==> flow/design.v <==
module alu_mux_top #(
  parameter integer DW = 12,
  parameter integer N = 10,
  parameter integer SW = $clog2(N)
) (
  input  logic aclk,
  input  logic enable,
  input  logic [N*DW-1:0] ch_i,
  input  logic [SW-1:0] s_i,
  output logic [DW-1:0] z_o_o
);
  wire [DW-1:0] arr [0:N-1];
  generate
    for (genvar g = 0; g < N; g++) begin : gen
      assign arr[g] = ch_i[g*DW +: DW];
    end
  endgenerate
  always_ff @(posedge aclk) begin
    if (enable) begin
      z_o_o <= arr[s_i];
    end
  end
endmodule
# [Step by step through the tools: alu_mux_top]
# Tool output for the design above, in the order of the flow.
# Lines are those of the file above, counted from 1.
# Cell names lack the library's common part.
# Not given: -
[inputs] top_module="alu_mux_top" clock_port="aclk" lib="sky130hd" lib_corner="tt_025C_1v80"

# [Word-level counts]
# Yosys after proc, flatten, opt, wreduce and memory -nomap, before mapping. Memory bits, and registers merged into a memory's read port (data or address), are not among the register bits. Print and check cells are not counted. Equal cells are merged and count once.
[bits] wordCells=12 reg_bits=12 inputBits=126 output_inout_bits=12
[op_classes] n_mux=1 reduce_and_logical=1 equal=9
[ops] op="case mux 12 bit (select 10 bit)" n=1
[ops] op="== test 4 x 3 -> 1 bit with constant B" n=4
[ops] op="== test 4 x 2 -> 1 bit with constant B" n=2
[ops] op="== test 4 bit with constant B" n=2
[ops] op="== test 4 x 1 -> 1 bit with constant B" n=1
[ops] op="zero test 4 bit" n=1

# [Logic depth]
# Yosys ltp: most cells in a row. Word level: on the elaborated netlist, between registers, memories and ports. Mapped: between sequential cells and ports; inverters and the memories' decode and read muxes count.
[logic_depth] ltp_word=2 ABC_AREA=0 mapped_depth=7 mapped_depth_nobuf=4

# [Synthesis result]
# Yosys stat after the flow's synthesis: flattened, memories mapped to cells. It holds for the ABC_AREA given above (unset counts as 0); a run with the other value may have another netlist.
# The area totals of this step are shown rounded.
[synth_totals] stdcells=199 buf_cells=21 ff_cells=12 seqArea_um2=360 area_um2=1630
[types] cell="edfxtp_1" n=12 type_area_um2=360.346
[types] cell="mux2i_1" n=12 type_area_um2=120.115
[types] cell="a21oi_1" n=23 type_area_um2=115.11
[types] cell="o32a_1" n=9 type_area_um2=90.086
[types] cell="a221oi_1" n=9 type_area_um2=78.826
[types] cell="a22oi_1" n=9 type_area_um2=67.565
[types] cell="a32oi_1" n=6 type_area_um2=52.55
[types] cell="nor2b_1" n=8 type_area_um2=50.048
[types] cell="o22ai_1" n=8 type_area_um2=50.048
[types] cell="nor2_1" n=13 type_area_um2=48.797
[types] cell="buf_6" n=4 type_area_um2=45.043
[types] cell="buf_2" n=8 type_area_um2=40.038
[types] cell="a21o_1" n=5 type_area_um2=37.536
[types] cell="buf_4" n=5 type_area_um2=37.536
[types] cell="nand2b_1" n=6 type_area_um2=37.536
[types] cell="nand3_1" n=7 type_area_um2=35.034
[types] cell="mux2_2" n=3 type_area_um2=33.782
[types] cell="a22o_1" n=3 type_area_um2=26.275
# Not listed: further types 25, cells in them 49.

# [Worst setup path after synthesis]
# Source: OpenSTA report_checks on the synthesized netlist (no wires, ideal clock, input and output delay 20% of the period each), path of least setup slack; recovery checks are left aside. Register names are those of the netlist, which keeps one name where synthesis merged equal registers.
[synth_path] kind="input -> register" startpoint="input port s_i[1]" endpoint="register z_o_o[5]" required_ps=1699 t_first_pin_ps=392 path_stages=6 path_slack_ps=313 path_buffers=2 arrival_time_ps=1387 in_delay_ps=392 tclk_ps=1960 setup_time_ps=261 delay_ps=1256 synth_period_reached_ps=1647
# "delay_ps" = arrival - input delay + setup time.
# "path_stages": output pins that drive a net of the path, with the launching flip-flop's if there is one; two outputs of one cell count as two.
# "synth_period_reached_ps" is the clock period less the worst setup slack; recovery checks do not enter. This is arithmetic on one report: input and output delays are still those of the set period (20% each).
# The rows between start and end are the longest chain of elaborated cells between them; the timing report does not say that the signal goes this way. Where chains are equally long, one stands for them.
# A line is the first line of the expression or statement that the cell stems from. Yosys adds cells for indexed reads and writes and turns some case tables into memories.
[synth_via] cell_sequence="buf_4 -> buf_6 -> and3b_4 -> a221oi_1 -> a21oi_1 -> o32a_1" elab_chain_len=2 cone_cells=11 cone_lines=1 classes_between="eq/ne: 9; mux: 1; reduce/logical: 1"
[synth_rtl] element="start, declared" line=9 source="input  logic [SW-1:0] s_i,"
[synth_rtl] element="== test 4 bit" line=20 source="z_o_o <= arr[s_i];"
[synth_rtl] element="case mux 12 bit (select 10 bit)" line=20
[synth_rtl] element="end, assigned" line=20
[synth_rtl] element="end, declared" line=10 source="output logic [DW-1:0] z_o_o"

# [Timing after layout]
# Path of least setup slack in the final report of job 1 (OpenROAD, finished layout, wires in). Where an end is a register, its clock arrival counts in the times.
# The path's times are printed in steps of 10 ps; the period is the one set.
[layout_path] kind="input -> register" startpoint="input port s_i[1]" endpoint="register z_o_o[3]" path_buffers=2 path_stages=6 arrival_time_ps=1750 path_slack_ps=200 tclk_ps=1960 setup_time_ps=250 in_delay_ps=390 required_ps=1950 t_first_pin_ps=390
# The rows between start and end are the longest chain of elaborated cells between them; the timing report does not say that the signal goes this way. Where chains are equally long, one stands for them.
[layout_via] cell_sequence="dlygate4sd2_1 -> buf_6 -> and2_2 -> a22oi_1 -> o22ai_1 -> o32a_1" elab_chain_len=2 cone_cells=11 cone_lines=1 classes_between="eq/ne: 9; mux: 1; reduce/logical: 1"
[layout_rtl] element="start, declared" line=9 source="input  logic [SW-1:0] s_i,"
[layout_rtl] element="== test 4 bit" line=20 source="z_o_o <= arr[s_i];"
[layout_rtl] element="case mux 12 bit (select 10 bit)" line=20
[layout_rtl] element="end, assigned" line=20
[layout_rtl] element="end, declared" line=10 source="output logic [DW-1:0] z_o_o"

==> runs of alu_mux_top <==
Measured data: module alu_mux_top, platform sky130hd, 3 stored runs of the flow under differing settings, order arbitrary. Input and output delays are each 20% of the period that was set; the output load is 0.01 pF.
"period_less_ws_ps" = clock period - worst setup slack. The figure is calculated, with input and output delays left at 20% of the set period.
"timing.worst_path_ps": the worst setup path's part of the clock period (all of it between registers, 20% less for each end at a port) less its slack. A launch clock that arrives late makes it longer, a capture clock that arrives late makes it shorter.
By "power.total_mw" is meant OpenSTA's value without simulated activity: inputs other than the clock are taken to toggle once in ten clock periods, and the tool carries that through the logic.
"timing.worst_path_ps" is known to 10 ps.
The measured numbers are rounded.

[flow] job 1: files
==> flow/run.sh <==
#!/bin/bash
# the make line also repeats the synthesis and layout settings of config.mk as NAME=value (left out here)
make -C /OpenROAD-flow-scripts/flow DESIGN_CONFIG=/design/flow/config.mk WORK_HOME=/design/flow/orfs CLKGATE_MAP_FILE= finish
==> flow/config.mk <==
export PLATFORM = sky130hd
export DESIGN_NAME = alu_mux_top
export DESIGN_NICKNAME = alu_mux_top
export VERILOG_FILES = /design/flow/design.v
export SDC_FILE = /design/flow/constraint.sdc
export NUM_CORES = 4
export LEC_CHECK = 0
export CAP_MARGIN = 20
export CORE_MARGIN = 2
export CORE_UTILIZATION = 40
export SLEW_MARGIN = 20
==> flow/constraint.sdc <==
create_clock -name core_clock -period 1.96 [get_ports {aclk}]
set_input_delay 0.3920 -clock core_clock [delete_from_list [all_inputs] [get_ports {aclk}]]
set_output_delay 0.3920 -clock core_clock [all_outputs]
set_load 0.01 [all_outputs]

[flow] job 1: metrics
[metrics] fin_ws_ps = 203
[metrics] tns_setup_ps = 0
[metrics] period_less_ws_ps = 1757
[metrics] final_util_pct = 84.2
[metrics] timing.worst_path_ps = 1370
[metrics] timing.worst_path_kind = input -> register
[metrics] holdWs_ps = 831
[metrics] yosys_chip_area_um2 = 1630
[metrics] cell_area_final_um2 = 3340
[metrics] power.total_mw = 1.24
[metrics] die_footprint_um2 = 4610

[flow] job 2: files
==> flow/run.sh <==
#!/bin/bash
# the make line also repeats the synthesis and layout settings of config.mk as NAME=value (left out here)
make -C /OpenROAD-flow-scripts/flow DESIGN_CONFIG=/design/flow/config.mk WORK_HOME=/design/flow/orfs CLKGATE_MAP_FILE= finish
==> flow/config.mk <==
export PLATFORM = sky130hd
export DESIGN_NAME = alu_mux_top
export DESIGN_NICKNAME = alu_mux_top
export VERILOG_FILES = /design/flow/design.v
export SDC_FILE = /design/flow/constraint.sdc
export NUM_CORES = 4
export LEC_CHECK = 0
export ABC_AREA = 1
export CAP_MARGIN = 20
export CORE_MARGIN = 2
export CORE_UTILIZATION = 50
export MIN_ROUTING_LAYER = met1
export PLACE_DENSITY_LB_ADDON = 0.23
export SETUP_SLACK_MARGIN = 0.2
export SLEW_MARGIN = 20
==> flow/constraint.sdc <==
create_clock -name core_clock -period 1.42 [get_ports {aclk}]
set_input_delay 0.2840 -clock core_clock [delete_from_list [all_inputs] [get_ports {aclk}]]
set_output_delay 0.2840 -clock core_clock [all_outputs]
set_load 0.01 [all_outputs]

[flow] job 2: did not finish, placement stopped with FLW-0024

[flow] job 3: files
==> flow/run.sh <==
#!/bin/bash
# the make line also repeats the synthesis and layout settings of config.mk as NAME=value (left out here)
make -C /OpenROAD-flow-scripts/flow DESIGN_CONFIG=/design/flow/config.mk WORK_HOME=/design/flow/orfs CLKGATE_MAP_FILE= finish
==> flow/config.mk <==
export PLATFORM = sky130hd
export DESIGN_NAME = alu_mux_top
export DESIGN_NICKNAME = alu_mux_top
export VERILOG_FILES = /design/flow/design.v
export SDC_FILE = /design/flow/constraint.sdc
export NUM_CORES = 4
export LEC_CHECK = 0
export ABC_AREA = 1
export CAP_MARGIN = 10
export CELL_PAD_IN_SITES_DETAIL_PLACEMENT = 2
export CORE_MARGIN = 2
export CORE_UTILIZATION = 34
export CTS_CLUSTER_DIAMETER = 122
export GPL_TIMING_DRIVEN = 1
export PLACE_DENSITY = 0.39
export SLEW_MARGIN = 20
==> flow/constraint.sdc <==
create_clock -name core_clock -period 3.04 [get_ports {aclk}]
set_input_delay 0.6080 -clock core_clock [delete_from_list [all_inputs] [get_ports {aclk}]]
set_output_delay 0.6080 -clock core_clock [all_outputs]
set_load 0.01 [all_outputs]

[flow] job 3: did not finish, placement stopped with DPL-0033
